==> flow/design.v <==
module dp_add_unit_rtl #(
  parameter DATA_W = 32,
  parameter SLICE = 8
) (
  input  logic aclk,
  input  logic aresetn,
  input  logic enable,
  input  logic [DATA_W-1:0] rs1,
  input  logic [DATA_W-1:0] rs2,
  input  logic cin,
  output logic [DATA_W-1:0] q,
  output logic carry_out
);
  logic [DATA_W-1:0] rs1_s;
  logic [DATA_W-1:0] rs2_s;
  logic cin_s;
  always_ff @(posedge aclk) begin
    if (!aresetn) begin
      rs1_s <= 0;
      rs2_s <= 0;
      cin_s <= 1'b0;
    end else if (enable) begin
      rs1_s <= rs1;
      rs2_s <= rs2;
      cin_s <= cin;
    end
  end
  localparam GROUPS = DATA_W / SLICE;
  logic [DATA_W-1:0] t;
  logic [GROUPS:0] cy;
  assign cy[0] = cin_s;
  generate
    for (genvar k = 0; k < GROUPS; k++) begin : g_bit
      wire [SLICE:0] s0 = rs1_s[k*SLICE +: SLICE] + rs2_s[k*SLICE +: SLICE];
      wire [SLICE:0] s1 = rs1_s[k*SLICE +: SLICE] + rs2_s[k*SLICE +: SLICE] + 1'b1;
      assign {cy[k+1], t[k*SLICE +: SLICE]} = cy[k] ? s1 : s0;
    end
  endgenerate
  always_ff @(posedge aclk) begin
    if (!aresetn) begin
      q <= 0;
      carry_out <= 1'b0;
    end else if (enable) begin
      q <= t;
      carry_out <= cy[GROUPS];
    end
  end
endmodule
==> Reports on dp_add_unit_rtl <==
Tool output for the members of one design family, told apart by "DATA_W", in the order of the flow.
The file above is the member DATA_W = 32. Line numbers count from 1 in each member's own file.
Cell names lack the library's common part.
{ "design": {"top_module": "dp_add_unit_rtl", "clock": "aclk", "lib": "sky130hd", "pvt_corner": "tt_025C_1v80"} }

==> Source of the members <==
New or changed lines of each further member against the RTL above, in its own file; lines it lacks are not shown.
{ "src_changes": {"columns": ["DATA_W", "line_no", "source"], "rows": [
  [40, 2, "parameter DATA_W = 40,"],
  [64, 2, "parameter DATA_W = 64,"],
  [72, 2, "parameter DATA_W = 72,"],
  [96, 2, "parameter DATA_W = 96,"],
  [120, 2, "parameter DATA_W = 120,"]
]} }

==> Elaborated design <==
Counts by Yosys on the flattened word-level netlist (proc, flatten, opt, wreduce; memories kept). Register bits leave out memories and registers merged into their read ports (data or address); mux counts leave out enables and synchronous resets folded into registers. Print and check cells are left out. Cells with the same type and inputs are merged into one.
{ "word_totals": {"columns": ["DATA_W", "inputBits", "word_cells", "ff_bits", "output_inout_bits"], "rows": [
  [32, 68, 17, 98, 33],
  [40, 84, 20, 122, 41],
  [64, 132, 29, 194, 65],
  [72, 148, 32, 218, 73],
  [96, 196, 41, 290, 97],
  [120, 244, 50, 362, 121]
]} }
{ "classes": {"columns": ["DATA_W", "muxes", "addsub"], "rows": [
  [32, 4, 8],
  [40, 5, 10],
  [64, 8, 16],
  [72, 9, 18],
  [96, 12, 24],
  [120, 15, 30]
]} }
{ "op_table": {"columns": ["DATA_W", "op_list"], "rows": [
  [32, "8-bit by 8-bit adder with 9-bit output: 4; 9-bit by 1-bit adder with 9-bit output (second input constant): 4; 9-bit two-way mux: 4"],
  [40, "8-bit by 8-bit adder with 9-bit output: 5; 9-bit by 1-bit adder with 9-bit output (second input constant): 5; 9-bit two-way mux: 5"],
  [64, "8-bit by 8-bit adder with 9-bit output: 8; 9-bit by 1-bit adder with 9-bit output (second input constant): 8; 9-bit two-way mux: 8"],
  [72, "8-bit by 8-bit adder with 9-bit output: 9; 9-bit by 1-bit adder with 9-bit output (second input constant): 9; 9-bit two-way mux: 9"],
  [96, "8-bit by 8-bit adder with 9-bit output: 12; 9-bit by 1-bit adder with 9-bit output (second input constant): 12; 9-bit two-way mux: 12"],
  [120, "8-bit by 8-bit adder with 9-bit output: 15; 9-bit by 1-bit adder with 9-bit output (second input constant): 15; 9-bit two-way mux: 15"]
]} }

==> Logic depth <==
Longest topological path by Yosys (ltp), each cell counted once; first at word level (registers and memories cut), then after technology mapping (sequential cells cut; the memories' decode and read muxes count).
{ "depth": {"columns": ["DATA_W", "depth_word", "ABC_AREA", "mapped_depth", "ltp_nobuf"], "rows": [
  [32, 6, 0, 13, 13],
  [40, 7, 0, 14, 13],
  [64, 10, 0, 17, 17],
  [72, 11, 0, 18, 18],
  [96, 14, 0, 22, 22],
  [120, 17, 0, 23, 23]
]} }

==> Mapped cells and area <==
Yosys stat after the flow's synthesis: flattened, memories mapped to cells. It holds for the ABC_AREA given above (unset counts as 0); a run with the other value may have another netlist.
{ "synth_totals": {"columns": ["DATA_W", "stdcells", "sequential_area_um2", "n_buf", "flip_flops", "mapped_area_um2"], "rows": [
  [32, 603, 1961.9, 27, 98, 5422.7],
  [40, 736, 2442.3, 35, 122, 6723.9],
  [64, 1132, 3883.7, 50, 194, 10447.5],
  [72, 1253, 4364.2, 58, 218, 11606.1],
  [96, 1650, 5805.6, 75, 290, 15322.2],
  [120, 2069, 7247.0, 93, 362, 19190.9]
]} }
{ "types": {"columns": ["DATA_W", "type_list"], "rows": [
  [32, "dfxtp_1: 98; mux2i_1: 75; ha_1: 36; nor2_1: 108; xnor2_1: 30; xor2_1: 17; a211oi_1: 19; o21ai_0: 27; a21oi_1: 26; fa_1: 4; nand2_1: 21; clkbuf_1: 20; nand4_1: 10; a21o_1: 8; inv_1: 16; nand3_1: 12; o21bai_1: 5; a31oi_1: 5; (+66)"],
  [40, "dfxtp_1: 122; mux2i_1: 89; ha_1: 45; nor2_1: 131; xnor2_1: 31; xor2_1: 20; a211oi_1: 22; o21ai_0: 31; a21oi_1: 26; clkbuf_1: 30; fa_1: 5; o21bai_1: 11; nand2_1: 21; a21o_1: 10; nand3_1: 12; nand4_1: 9; or3_1: 9; nor3_1: 11; (+101)"],
  [64, "dfxtp_1: 194; mux2i_1: 143; ha_1: 72; nor2_1: 214; xnor2_1: 62; xor2_1: 34; a211oi_1: 39; a21oi_1: 52; o21ai_0: 38; fa_1: 8; clkbuf_1: 39; nand3_1: 26; a21o_1: 16; o21bai_1: 14; nand2_1: 27; inv_1: 26; nand4_1: 10; and3_1: 9; (+109)"],
  [72, "dfxtp_1: 218; mux2i_1: 162; ha_1: 81; nor2_1: 235; xnor2_1: 72; a211oi_1: 47; xor2_1: 39; a21oi_1: 65; o21bai_1: 25; fa_1: 9; clkbuf_1: 45; a21o_1: 20; inv_1: 40; nand2_1: 39; nand3_1: 28; o21ai_0: 23; and3_1: 10; nor3_1: 12; (+83)"],
  [96, "dfxtp_1: 290; mux2i_1: 215; ha_1: 108; nor2_1: 322; xnor2_1: 100; a211oi_1: 60; a21oi_1: 83; xor2_1: 43; o21bai_1: 38; fa_1: 12; inv_1: 49; clkbuf_1: 48; nand2_1: 48; a21o_1: 22; nand3_1: 30; o21ai_0: 24; nor3_1: 17; buf_1: 22; (+119)"],
  [120, "dfxtp_1: 362; mux2i_1: 278; ha_1: 135; nor2_1: 398; xnor2_1: 114; a211oi_1: 85; xor2_1: 64; a21oi_1: 102; o21bai_1: 47; fa_1: 15; clkbuf_1: 65; nand2_1: 65; a21o_1: 31; inv_1: 56; nand3_1: 30; o21ai_0: 29; and3_1: 20; buf_1: 28; (+145)"]
]} }
A list marked (+n) leaves out that many cells.

==> Path before layout <==
Path of least setup slack by OpenSTA after synthesis, without wires, with an ideal clock, recovery checks aside; 20% of the period is set as input and as output delay. Where synthesis merged equal registers, the netlist keeps one of their names.
{ "synth_path": {"columns": ["DATA_W", "path_kind", "startpoint", "endpoint", "slack_ns", "driving_pins", "path_delay_ns", "clock_period_ns", "period_less_setup_slack_ns"], "rows": [
  [32, "register to register", "reg rs1_s[0]", "reg q[28]", 0.842, 13, 3.378, 4.22, 3.378],
  [40, "register to register", "reg rs1_s[0]", "reg q[30]", 1.045, 15, 4.194, 5.24, 4.195],
  [64, "register to register", "reg rs1_s[0]", "reg q[57]", 1.064, 17, 4.245, 5.31, 4.246],
  [72, "register to register", "reg rs1_s[0]", "reg q[66]", 1.272, 19, 5.108, 6.38, 5.108],
  [96, "register to register", "reg rs1_s[0]", "reg q[94]", 1.460, 23, 5.840, 7.3, 5.84],
  [120, "register to register", "reg rs1_s[8]", "reg q[114]", 1.668, 24, 6.682, 8.35, 6.682]
]} }
"path_delay_ns" = arrival - input delay + setup time.
"driving_pins" counts driving pins, that of a launching flip-flop among them; a cell with two outputs on the path counts twice.
"period_less_setup_slack_ns" is the clock period less the worst setup slack; recovery checks do not enter. This is arithmetic on one report: input and output delays are still those of the set period (20% each).
The rows between start and end are the longest chain of elaborated cells between them; the timing report does not say that the signal goes this way. Where chains are equally long, one stands for them.
Each line given opens the expression or statement behind the cell; cells for indexed reads and writes are added by Yosys, which also makes memories of some case tables.
{ "synth_via_DATA_W_32": {"elab_chain_cells": 6} }
{ "synth_rtl_DATA_W_32": {"columns": ["item", "line_no", "source"], "rows": [
  ["start, declared", 14, "logic [DATA_W-1:0] rs1_s;"],
  ["start, assigned", 19, "rs1_s <= 0;"],
  ["start, assigned", 23, "rs1_s <= rs1;"],
  ["8-bit by 8-bit adder with 9-bit output", 35, "wire [SLICE:0] s1 = rs1_s[k*SLICE +: SLICE] + rs2_s[k*SLICE +: SLICE] + 1'b1;"],
  ["9-bit by 1-bit adder with 9-bit output", 35, null],
  ["9-bit two-way mux (4 in a row)", 36, "assign {cy[k+1], t[k*SLICE +: SLICE]} = cy[k] ? s1 : s0;"],
  ["end, assigned", 41, "q <= 0;"],
  ["end, assigned", 44, "q <= t;"],
  ["end, declared", 11, "output logic [DATA_W-1:0] q,"]
]} }
{ "synth_via_DATA_W_120": {"elab_chain_cells": 16} }
{ "synth_rtl_DATA_W_120": {"columns": ["item", "line_no", "source"], "rows": [
  ["start, declared", 14, "logic [DATA_W-1:0] rs1_s;"],
  ["start, assigned", 19, "rs1_s <= 0;"],
  ["start, assigned", 23, "rs1_s <= rs1;"],
  ["8-bit by 8-bit adder with 9-bit output", 35, "wire [SLICE:0] s1 = rs1_s[k*SLICE +: SLICE] + rs2_s[k*SLICE +: SLICE] + 1'b1;"],
  ["9-bit by 1-bit adder with 9-bit output", 35, null],
  ["9-bit two-way mux (14 in a row)", 36, "assign {cy[k+1], t[k*SLICE +: SLICE]} = cy[k] ? s1 : s0;"],
  ["end, assigned", 41, "q <= 0;"],
  ["end, assigned", 44, "q <= t;"],
  ["end, declared", 11, "output logic [DATA_W-1:0] q,"]
]} }

==> Worst path after layout <==
From the final timing report of each member's run: the path of least setup slack in the routed layout; clock arrival at registers is part of the times.
{ "layout_path": {"columns": ["DATA_W", "path_kind", "startpoint", "endpoint", "clock_period_ns", "driving_pins", "slack_ns", "n_path_buf", "arrival_time_ns"], "rows": [
  [32, "register to register", "reg rs1_s[0]", "reg q[28]", 4.22, 13, 0.52, 0, 3.98],
  [40, "register to register", "reg rs1_s[0]", "reg q[30]", 5.24, 14, 0.73, 0, 4.83],
  [64, "register to register", "reg rs1_s[0]", "reg q[57]", 5.31, 17, 0.57, 0, 5.02],
  [72, "register to register", "reg rs1_s[0]", "reg q[66]", 6.38, 19, 0.68, 0, 6.10],
  [96, "register to register", "reg rs1_s[0]", "reg q[94]", 7.3, 23, 0.62, 0, 7.13],
  [120, "register to register", "reg rs1_s[8]", "reg q[114]", 8.35, 24, 0.53, 0, 8.26]
]} }

==> Measured runs <==
One run of the flow (Yosys, OpenROAD) for each member, with settings and measured results. Input and output delays are each 20% of the period that was set; the output load is 0.01 pF.
{ "settings": {"CAP_MARGIN": 20, "CORE_MARGIN": 2, "CORE_UTILIZATION": 40, "SLEW_MARGIN": 20} }
{ "settings_by_member": {"columns": ["DATA_W", "period_ns"], "rows": [
  [32, 4.22],
  [40, 5.24],
  [64, 5.31],
  [72, 6.38],
  [96, 7.3],
  [120, 8.35]
]} }
{ "measured": {"columns": ["DATA_W", "synthArea_um2", "timing.achieved_period_ns", "fin_hold_ws_ns", "finish.utilization_pct", "power_total_mw", "cell_area_final_um2", "total_negative_slack_ns", "setup_worst_slack_ns", "final_die_area_um2"], "rows": [
  [32, 5422.7, 3.703, 0.489, 52.0, 2.333, 6887.9, 0.000, 0.517, 14504.6],
  [40, 6723.9, 4.508, 0.488, 52.7, 2.634, 8712.1, 0.000, 0.732, 17862.3],
  [64, 10447.5, 4.740, 0.485, 51.5, 3.669, 13300.3, 0.000, 0.570, 27428.3],
  [72, 11606.1, 5.702, 0.484, 52.6, 3.790, 15061.9, 0.000, 0.678, 30394.4],
  [96, 15322.2, 6.675, 0.484, 52.6, 4.333, 19819.0, 0.000, 0.625, 39886.1],
  [120, 19190.9, 7.818, 0.465, 52.2, 4.726, 24827.6, 0.000, 0.532, 49744.6]
]} }
"timing.achieved_period_ns" = clock period - worst setup slack. The figure is calculated, with input and output delays left at 20% of the set period.
By "power_total_mw" is meant OpenSTA's value without simulated activity: inputs other than the clock are taken to toggle once in ten clock periods, and the tool carries that through the logic.
